==> flow/design.v <==
module sum_block_n #(
  parameter XLEN = 72
) (
  input logic clk,
  input logic rst_n,
  input logic [XLEN-1:0] rs1,
  input logic [XLEN-1:0] rs2,
  input logic c0,
  output logic [XLEN-1:0] s,
  output logic co
);
  logic [XLEN-1:0] rs1_reg;
  logic [XLEN-1:0] rs2_reg;
  logic c0_reg;
  logic [XLEN-1:0] tmp;
  logic cy;
  always_comb begin
    cy = c0_reg;
    for (int i = 0; i < XLEN; i++) begin
      tmp[i] = rs1_reg[i] ^ rs2_reg[i] ^ cy;
      cy = (rs1_reg[i] & rs2_reg[i]) | (cy & (rs1_reg[i] | rs2_reg[i]));
    end
  end
  assign s = tmp;
  assign co = cy;
  always_ff @(posedge clk) begin
    if (~rst_n) begin
      rs1_reg <= '0;
      rs2_reg <= '0;
      c0_reg <= 1'b0;
    end else begin
      rs1_reg <= rs1;
      rs2_reg <= rs2;
      c0_reg <= c0;
    end
  end
endmodule
# From RTL to reports: sum_block_n
# What the tools print for sum_block_n, step after step.
# Line numbers count from 1 in the design file above.
# Operators: Yosys type, input widths -> output width; for muxes data width and select width s.
# Cell names lack the library's common part.
# Not given: -
[inputs] design="sum_block_n" clk_port="clk" library="sky130hd" pvt_corner="tt_025C_1v80"

# Word level
# Source: Yosys, flattened and elaborated, memories not mapped. Widths are those after wreduce; folded enables and synchronous resets count as part of the registers. Registers that Yosys merges into a memory's read port (data or address) are not register bits. Print and check cells do not count. Equal cells are merged and count once.
[bits] ff_bits=145 inputBits=147 out_inout_bits=73 wordCells=435
[classes] bitwise=432
[ops] op="$and 1x1->1" n=144
[ops] op="$or 1x1->1" n=144
[ops] op="$xor 1x1->1" n=144

# Longest topological paths
# Yosys ltp: most cells in a row. Word level: on the elaborated netlist, between registers, memories and ports. Mapped: between sequential cells and ports; inverters and the memories' decode and read muxes count.
[logic_depth] depth_word=145 abc_area=0 ltp_mapped=76 ltp_nobuf=76

# Synthesis result
# Source: synth_stat.txt of the flow (Yosys; design flattened, memories mapped). It holds for the ABC_AREA given above (unset counts as 0); a run with the other value may have another netlist.
[synth_totals] cell_count=388 area_um2=5520.3 sequential_area_um2=2902.8 flip_flops=145 buffers=16
[by_type] cell="dfxtp_1" n=145 area_total_um2=2.9E+03
[by_type] cell="fa_1" n=72 area_total_um2=1.44E+03
[by_type] cell="and2_1" n=103 area_total_um2=644.368
[by_type] cell="and2_4" n=37 area_total_um2=324.061
[by_type] cell="buf_6" n=6 area_total_um2=67.565
[by_type] cell="clkbuf_2" n=9 area_total_um2=45.043
[by_type] cell="and2_2" n=5 area_total_um2=37.536
[by_type] cell="inv_1" n=10 area_total_um2=37.536
[by_type] cell="buf_12" n=1 area_total_um2=20.019

# Timing after synthesis
# Path of least setup slack by OpenSTA after synthesis, without wires, with an ideal clock, recovery checks aside; 20% of the period is set as input and as output delay. Where synthesis merged equal registers, the netlist keeps one of their names.
[synth_timing] kind="reg-to-output" from="register rs1_reg[0]" to="output s[71]" clock_period_ns=43.2 output_delay_ns=8.640 t_first_pin_ns=0.000 t_arrival_ns=27.673 required_ns=34.560 slack_ns=6.887 path_delay_ns=27.673 path_stages=77 n_path_buf=0 period_less_setup_slack_ns=36.313
# "path_delay_ns" = arrival - input delay + setup time.
# At an output port there is no setup time.
# "path_stages": output pins that drive a net of the path, with the launching flip-flop's if there is one; two outputs of one cell count as two.
# "period_less_setup_slack_ns" = period - worst setup slack (recovery checks aside). The figure is calculated, with input and output delays left at 20% of the set period.
# Between the ends stands the longest chain of elaborated cells between them, by number of cells; it is not shown to be the way that was timed. Of several equally long chains one is given.
# A line is the first line of the expression or statement that the cell stems from. Yosys adds cells for indexed reads and writes and turns some case tables into memories.
[synth_via] cell_sequence="dfxtp_1 fa_1 fa_1 fa_1 fa_1 fa_1 fa_1 fa_1 fa_1 fa_1 fa_1 fa_1 fa_1 fa_1 fa_1 fa_1 fa_1 fa_1 [41 not listed] fa_1 fa_1 fa_1 fa_1 fa_1 fa_1 fa_1 fa_1 fa_1 fa_1 fa_1 inv_1 fa_1 inv_1 fa_1 inv_1 fa_1 inv_1" elab_chain_len=144 cells_between=145 lines_between=2 classes_between="logic: 145"
[synth_rtl] item="start: declaration" line_no=12 text="logic [XLEN-1:0] rs1_reg;"
[synth_rtl] item="start: assignment" line_no=28 text="rs1_reg <= '0;"
[synth_rtl] item="start: assignment" line_no=32 text="rs1_reg <= rs1;"
[synth_rtl] item="$or 1x1->1" line_no=21 text="cy = (rs1_reg[i] & rs2_reg[i]) | (cy & (rs1_reg[i] | rs2_reg[i]));"
[synth_rtl] item="$and 1x1->1" line_no=21
[synth_rtl] item="$or 1x1->1" line_no=21
[synth_rtl] item="$and 1x1->1" line_no=21
[synth_rtl] item="$or 1x1->1" line_no=21
[synth_rtl] item="$and 1x1->1" line_no=21
[synth_rtl] item="$or 1x1->1" line_no=21
[synth_rtl] item="[130 not listed]"
[synth_rtl] item="$and 1x1->1" line_no=21
[synth_rtl] item="$or 1x1->1" line_no=21
[synth_rtl] item="$and 1x1->1" line_no=21
[synth_rtl] item="$or 1x1->1" line_no=21
[synth_rtl] item="$and 1x1->1" line_no=21
[synth_rtl] item="$or 1x1->1" line_no=21
[synth_rtl] item="$xor 1x1->1" line_no=20 text="tmp[i] = rs1_reg[i] ^ rs2_reg[i] ^ cy;"
[synth_rtl] item="end: declaration" line_no=9 text="output logic [XLEN-1:0] s,"

# Worst path after layout
# From the final timing report of stored run 1: the path of least setup slack in the routed layout; clock arrival at registers is part of the times.
[layout_timing] kind="reg-to-output" from="register rs1_reg[0]" to="output s[71]" clock_period_ns=67.2 output_delay_ns=13.44 t_first_pin_ns=0.40 t_arrival_ns=29.82 required_ns=53.76 slack_ns=23.94 path_stages=78 n_path_buf=1
# Between the ends stands the longest chain of elaborated cells between them, by number of cells; it is not shown to be the way that was timed. Of several equally long chains one is given.
[layout_via] cell_sequence="dfxtp_1 fa_1 fa_1 fa_1 fa_1 fa_1 fa_1 fa_1 fa_1 fa_1 fa_1 fa_1 fa_1 fa_1 fa_1 fa_1 fa_1 fa_1 [42 not listed] fa_1 fa_1 fa_1 fa_1 fa_1 fa_1 fa_1 fa_1 fa_1 fa_1 inv_1 fa_1 inv_1 fa_1 inv_1 fa_1 inv_1 clkdlybuf4s50_1" elab_chain_len=144 cells_between=145 lines_between=2 classes_between="logic: 145"
[layout_rtl] item="start: declaration" line_no=12 text="logic [XLEN-1:0] rs1_reg;"
[layout_rtl] item="start: assignment" line_no=28 text="rs1_reg <= '0;"
[layout_rtl] item="start: assignment" line_no=32 text="rs1_reg <= rs1;"
[layout_rtl] item="$or 1x1->1" line_no=21 text="cy = (rs1_reg[i] & rs2_reg[i]) | (cy & (rs1_reg[i] | rs2_reg[i]));"
[layout_rtl] item="$and 1x1->1" line_no=21
[layout_rtl] item="$or 1x1->1" line_no=21
[layout_rtl] item="$and 1x1->1" line_no=21
[layout_rtl] item="$or 1x1->1" line_no=21
[layout_rtl] item="$and 1x1->1" line_no=21
[layout_rtl] item="$or 1x1->1" line_no=21
[layout_rtl] item="[130 not listed]"
[layout_rtl] item="$and 1x1->1" line_no=21
[layout_rtl] item="$or 1x1->1" line_no=21
[layout_rtl] item="$and 1x1->1" line_no=21
[layout_rtl] item="$or 1x1->1" line_no=21
[layout_rtl] item="$and 1x1->1" line_no=21
[layout_rtl] item="$or 1x1->1" line_no=21
[layout_rtl] item="$xor 1x1->1" line_no=20 text="tmp[i] = rs1_reg[i] ^ rs2_reg[i] ^ cy;"
[layout_rtl] item="end: declaration" line_no=9 text="output logic [XLEN-1:0] s,"

==> results <==
Stored flow runs of sum_block_n (3 of them; Yosys, OpenROAD, sky130hd). They differ in their settings and are not a sequence. Constraints: input delay and output delay 20% of the set period each, output load 0.01 pF.
"achieved clock period": clock period set for the run, less the worst setup slack. It is reckoned from that one timing run; input and output delays stay at 20% of the period that was set.
"worst setup path time" is the time allowed to the run's worst setup path (the clock period less input and output delay, where it has them) less its slack. Clock arrival times count: a late capture clock shortens it, a late launch clock lengthens it.
By "power" is meant OpenSTA's value without simulated activity: inputs other than the clock are taken to toggle once in ten clock periods, and the tool carries that through the logic.
[stored run 1] settings: period_ns=67.2, CORE_UTILIZATION=18, PLACE_DENSITY_LB_ADDON=0.2, CORE_ASPECT_RATIO=1.2, CORE_MARGIN=2, CELL_PAD_IN_SITES_GLOBAL_PLACEMENT=3, GPL_ROUTABILITY_DRIVEN=1, CAP_MARGIN=10, SLEW_MARGIN=20
[stored run 1] result: chip area after synthesis (Yosys) 5520.3 µm², die area 32091.3 µm², standard-cell area of the final layout 8739.6 µm², utilization 28.8%, worst setup slack after layout 23.939 ns, total negative slack 0.000 ns, worst hold slack 13.485 ns, power 0.2386 mW, achieved clock period 43.261 ns, worst setup path time 29.82 ns, worst setup path kind reg-to-output
[stored run 2] settings: period_ns=43.2, CAP_MARGIN=20, CORE_MARGIN=2, CORE_UTILIZATION=40, SLEW_MARGIN=20
[stored run 2] result: chip area after synthesis (Yosys) 5520.3 µm², die area 14756.2 µm², standard-cell area of the final layout 8416.8 µm², utilization 63.1%, worst setup slack after layout 4.794 ns, total negative slack 0.000 ns, worst hold slack 8.809 ns, power 0.3508 mW, achieved clock period 38.406 ns, worst setup path time 29.77 ns, worst setup path kind reg-to-output
[stored run 3] settings: period_ns=52.7, CORE_UTILIZATION=57, PLACE_DENSITY_LB_ADDON=0.19, HOLD_SLACK_MARGIN=0.23, ABC_AREA=1, GPL_ROUTABILITY_DRIVEN=1, CAP_MARGIN=25, MAX_ROUTING_LAYER=met4, CORE_MARGIN=2, SLEW_MARGIN=20
[stored run 3] result: chip area after synthesis (Yosys) 5615.4 µm², die area 10661.6 µm², standard-cell area of the final layout 8450.6 µm², utilization 87.3%, worst setup slack after layout 11.907 ns, total negative slack 0.000 ns, worst hold slack 10.497 ns, power 0.2877 mW, achieved clock period 40.793 ns, worst setup path time 30.25 ns, worst setup path kind reg-to-output
